==> flow/design.v <==
module ex_compare_v2 #(
   parameter DWIDTH = 16
) (
   input clock,
   input [DWIDTH-1:0] a,
   input [DWIDTH-1:0] b,
   input [DWIDTH-1:0] c,
   output ok
);
   reg [DWIDTH-1:0] a_reg;
   reg [DWIDTH-1:0] b_reg;
   reg [DWIDTH-1:0] c_reg;
   always @(posedge clock) begin
      a_reg <= a;
      b_reg <= b;
      c_reg <= c;
   end
   assign ok = (a_reg >= b_reg) && (a_reg <= c_reg);
endmodule
-- Step by step through the tools: ex_compare_v2
The steps from the RTL of ex_compare_v2 to its reports follow in flow order.
Line numbers count from 1 in the design file above.
Operators: Yosys type, input widths -> output width; for muxes data width and select width s.
Library cell names are shortened.
Not given: n/a
- design top: ex_compare_v2
- clock: clock
- cell library: sky130hd
- timing corner: tt_025C_1v80

-- Word level
Yosys after proc, flatten, opt, wreduce and memory -nomap, before mapping. Enables and synchronous resets that opt folds into registers are not counted as muxes. Memory bits, and registers merged into a memory's read port (data or address), are not among the register bits. Print and check cells are not counted. Equal cells are merged and count once.
- noted flip-flop bits (word level): 48
- noted elaborated cells: 6
- output and inout port bits: 1
- bits of input ports: 49
- reduce/logical cells at 1
- noted magnitude comparators: 2
- operators by type and width (operator ; count):
    $ge 16x16->1 ; 1
    $le 16x16->1 ; 1
    $logic_and 1x1->1 ; 1

-- Logic depth
Depth = most cells in a row (Yosys ltp): at word level without a register or memory, in the mapped netlist without a sequential cell, where the memories' decode and read muxes count.
- word-level depth: 2
- noted ABC_AREA: 0
- depth in mapped cells at 7

-- Netlist
Yosys stat after the flow's synthesis: flattened, memories mapped to cells. It holds for the ABC_AREA given above (unset counts as 0); a run with the other value may have another netlist.
- flip-flops: 48
- noted cell count: 158
- sequential area: 0.0009609 sq mm
- chip area (Yosys): 0.0017679 sq mm
- cell types (cell type ; count ; area in all (sq um)):
    dfxtp_1 ; 48 ; 960.922
    ha_1 ; 32 ; 400.384
    inv_1 ; 32 ; 120.115
    a21oi_1 ; 11 ; 55.053
    nand4_4 ; 2 ; 42.541
    nand2_1 ; 7 ; 26.275
    o21ai_0 ; 5 ; 25.024
    nand4_1 ; 3 ; 18.768
    nor2b_1 ; 2 ; 12.512
    nor4_1 ; 2 ; 12.512
    a2111o_1 ; 1 ; 11.261
    nor2_1 ; 3 ; 11.261
    nand3_1 ; 2 ; 10.01
    o211a_1 ; 1 ; 10.01
    o32a_1 ; 1 ; 10.01
    a221oi_1 ; 1 ; 8.758
    a211oi_1 ; 1 ; 7.507
    nor3b_1 ; 1 ; 7.507
Other cell types: 3; their cells: 3.

-- Timing after synthesis
Source: OpenSTA report_checks on the synthesized netlist (no wires, ideal clock, input and output delay 20% of the period each), path of least setup slack; recovery checks are left aside. Register names are those of the netlist, which keeps one name where synthesis merged equal registers.
- path kind: reg2out
- from: register c_reg[1]
- to: output ok
- external output delay: 0.454 ns
- path slack: 0.362 ns
- data arrival time at 1.454 ns
- noted required time: 1.816 ns
- period at 2.27 ns
- stages: 8
- path buffers: 0
- noted path delay: 1.454 ns
- period reached after synthesis: 1.908 ns
"path delay" = arrival - input delay + setup time.
At an output port there is no setup time.
"stages" counts driving pins, that of a launching flip-flop among them; a cell with two outputs on the path counts twice.
"period reached after synthesis" is the clock period less the worst setup slack; recovery checks do not enter. This is arithmetic on one report: input and output delays are still those of the set period (20% each).
The rows between start and end are the longest chain of elaborated cells between them; the timing report does not say that the signal goes this way. Where chains are equally long, one stands for them.
A line is the first line of the expression or statement that the cell stems from. Yosys adds cells for indexed reads and writes and turns some case tables into memories.
- cell sequence: dfxtp_1 inv_1 ha_1 nor2b_1 o211ai_1 a2111o_1 o211a_1 o32a_1
- cells in the longest elaborated chain at 2
- RTL lines, path post-synthesis (item ; line ; source):
    start: declaration ; 12 ; reg [DWIDTH-1:0] c_reg;
    start: assignment ; 16 ; c_reg <= c;
    $le 16x16->1 ; 18 ; assign ok = (a_reg >= b_reg) && (a_reg <= c_reg);
    $logic_and 1x1->1 ; 18 ;
    end: declaration ; 8 ; output ok

-- Path in the finished layout
From the final timing report of job 2: the path of least setup slack in the routed layout; clock arrival at registers is part of the times.
- path kind: reg2out
- from: register c_reg[1]
- to: output ok
- stages: 9
- period at 2.27 ns
- data arrival time at 1.93 ns
- external output delay: 0.45 ns
- noted required time: 1.82 ns
- path buffers: 1
- path slack: -0.11 ns
The rows between start and end are the longest chain of elaborated cells between them; the timing report does not say that the signal goes this way. Where chains are equally long, one stands for them.
- cell sequence: dfxtp_2 inv_2 ha_4 nor2b_4 o211ai_1 a2111o_1 o211a_1 o32a_1 buf_2
- cells in the longest elaborated chain at 2
- RTL lines, path after layout (item ; line ; source):
    start: declaration ; 12 ; reg [DWIDTH-1:0] c_reg;
    start: assignment ; 16 ; c_reg <= c;
    $le 16x16->1 ; 18 ; assign ok = (a_reg >= b_reg) && (a_reg <= c_reg);
    $logic_and 1x1->1 ; 18 ;
    end: declaration ; 8 ; output ok

--- measured runs ---
ex_compare_v2 through Yosys and OpenROAD on sky130hd: 3 stored runs, unordered, with their settings and measured results. The constraints put input and output delay at 20% of the set period each and load the outputs with 0.01 pF.
By "achieved clock period" is meant the clock period of the run minus its worst setup slack. This is arithmetic on one report: input and output delays are still those of the set period (20% each).
"worst path time" is the time allowed to the run's worst setup path (the clock period less input and output delay, where it has them) less its slack. Clock arrival times count: a late capture clock shortens it, a late launch clock lengthens it.
"total power after layout": no workload was simulated; the value follows from the tool's default switching activity.

Job 1

==> flow/run.sh <==
#!/bin/bash
# the make line also repeats the synthesis and layout settings of config.mk as NAME=value (left out here)
make -C /OpenROAD-flow-scripts/flow DESIGN_CONFIG=/design/flow/config.mk WORK_HOME=/design/flow/orfs CLKGATE_MAP_FILE= finish
==> flow/config.mk <==
export PLATFORM = sky130hd
export DESIGN_NAME = ex_compare_v2
export DESIGN_NICKNAME = ex_compare_v2
export VERILOG_FILES = /design/flow/design.v
export SDC_FILE = /design/flow/constraint.sdc
export NUM_CORES = 4
export LEC_CHECK = 0
export CAP_MARGIN = 40
export CELL_PAD_IN_SITES_DETAIL_PLACEMENT = 1
export CELL_PAD_IN_SITES_GLOBAL_PLACEMENT = 0
export CORE_ASPECT_RATIO = 0.56
export CORE_MARGIN = 2
export CORE_UTILIZATION = 71
export CTS_CLUSTER_SIZE = 88
export GPL_ROUTABILITY_DRIVEN = 0
export HOLD_SLACK_MARGIN = 0.21
export PLACE_DENSITY = 0.44
export SETUP_SLACK_MARGIN = 0.32
export SLEW_MARGIN = 5
==> flow/constraint.sdc <==
create_clock -name core_clock -period 1.84 [get_ports {clock}]
set_input_delay 0.3680 -clock core_clock [delete_from_list [all_inputs] [get_ports {clock}]]
set_output_delay 0.3680 -clock core_clock [all_outputs]
set_load 0.01 [all_outputs]

Job 1: incomplete, placement halted on GPL-0301.

Job 2

==> flow/run.sh <==
#!/bin/bash
# the make line also repeats the synthesis and layout settings of config.mk as NAME=value (left out here)
make -C /OpenROAD-flow-scripts/flow DESIGN_CONFIG=/design/flow/config.mk WORK_HOME=/design/flow/orfs CLKGATE_MAP_FILE= finish
==> flow/config.mk <==
export PLATFORM = sky130hd
export DESIGN_NAME = ex_compare_v2
export DESIGN_NICKNAME = ex_compare_v2
export VERILOG_FILES = /design/flow/design.v
export SDC_FILE = /design/flow/constraint.sdc
export NUM_CORES = 4
export LEC_CHECK = 0
export CAP_MARGIN = 20
export CORE_MARGIN = 2
export CORE_UTILIZATION = 40
export SLEW_MARGIN = 20
==> flow/constraint.sdc <==
create_clock -name core_clock -period 2.27 [get_ports {clock}]
set_input_delay 0.4540 -clock core_clock [delete_from_list [all_inputs] [get_ports {clock}]]
set_output_delay 0.4540 -clock core_clock [all_outputs]
set_load 0.01 [all_outputs]

Measured in job 2:
- smallest hold slack: 0.594 ns
- noted the area inside the die boundary: 0.0049674 sq mm
- noted the cell area after synthesis: 0.0017679 sq mm
- noted the standard-cell area after layout: 0.0026325 sq mm
- worst path time: 1.93 ns
- class of the worst setup path: reg2out
- utilization in the final report: 0.613
- setup slack of the worst path: -0.112 ns
- total power after layout: 1,765 µW
- noted the setup total negative slack: -0.112 ns
- noted the achieved clock period: 2.382 ns

Job 3

==> flow/run.sh <==
#!/bin/bash
# the make line also repeats the synthesis and layout settings of config.mk as NAME=value (left out here)
make -C /OpenROAD-flow-scripts/flow DESIGN_CONFIG=/design/flow/config.mk WORK_HOME=/design/flow/orfs CLKGATE_MAP_FILE= finish
==> flow/config.mk <==
export PLATFORM = sky130hd
export DESIGN_NAME = ex_compare_v2
export DESIGN_NICKNAME = ex_compare_v2
export VERILOG_FILES = /design/flow/design.v
export SDC_FILE = /design/flow/constraint.sdc
export NUM_CORES = 4
export LEC_CHECK = 0
export ABC_AREA = 0
export CAP_MARGIN = 40
export CORE_ASPECT_RATIO = 1.34
export CORE_MARGIN = 2
export CORE_UTILIZATION = 30
export CTS_CLUSTER_SIZE = 47
export GPL_TIMING_DRIVEN = 0
export MIN_ROUTING_LAYER = met1
export PLACE_DENSITY_LB_ADDON = 0.15
export SETUP_SLACK_MARGIN = 0.22
export SLEW_MARGIN = 20
export TNS_END_PERCENT = 10
==> flow/constraint.sdc <==
create_clock -name core_clock -period 1.62 [get_ports {clock}]
set_input_delay 0.3240 -clock core_clock [delete_from_list [all_inputs] [get_ports {clock}]]
set_output_delay 0.3240 -clock core_clock [all_outputs]
set_load 0.01 [all_outputs]

Measured in job 3:
- noted the area inside the die boundary: 0.0065298 sq mm
- worst path time: 1.95 ns
- class of the worst setup path: reg2out
- setup slack of the worst path: -0.654 ns
- noted the standard-cell area after layout: 0.0025237 sq mm
- noted the cell area after synthesis: 0.0017679 sq mm
- noted the achieved clock period: 2.274 ns
- smallest hold slack: 0.463 ns
- noted the setup total negative slack: -0.654 ns
- utilization in the final report: 0.441
- total power after layout: 2,504 µW
--- end ---
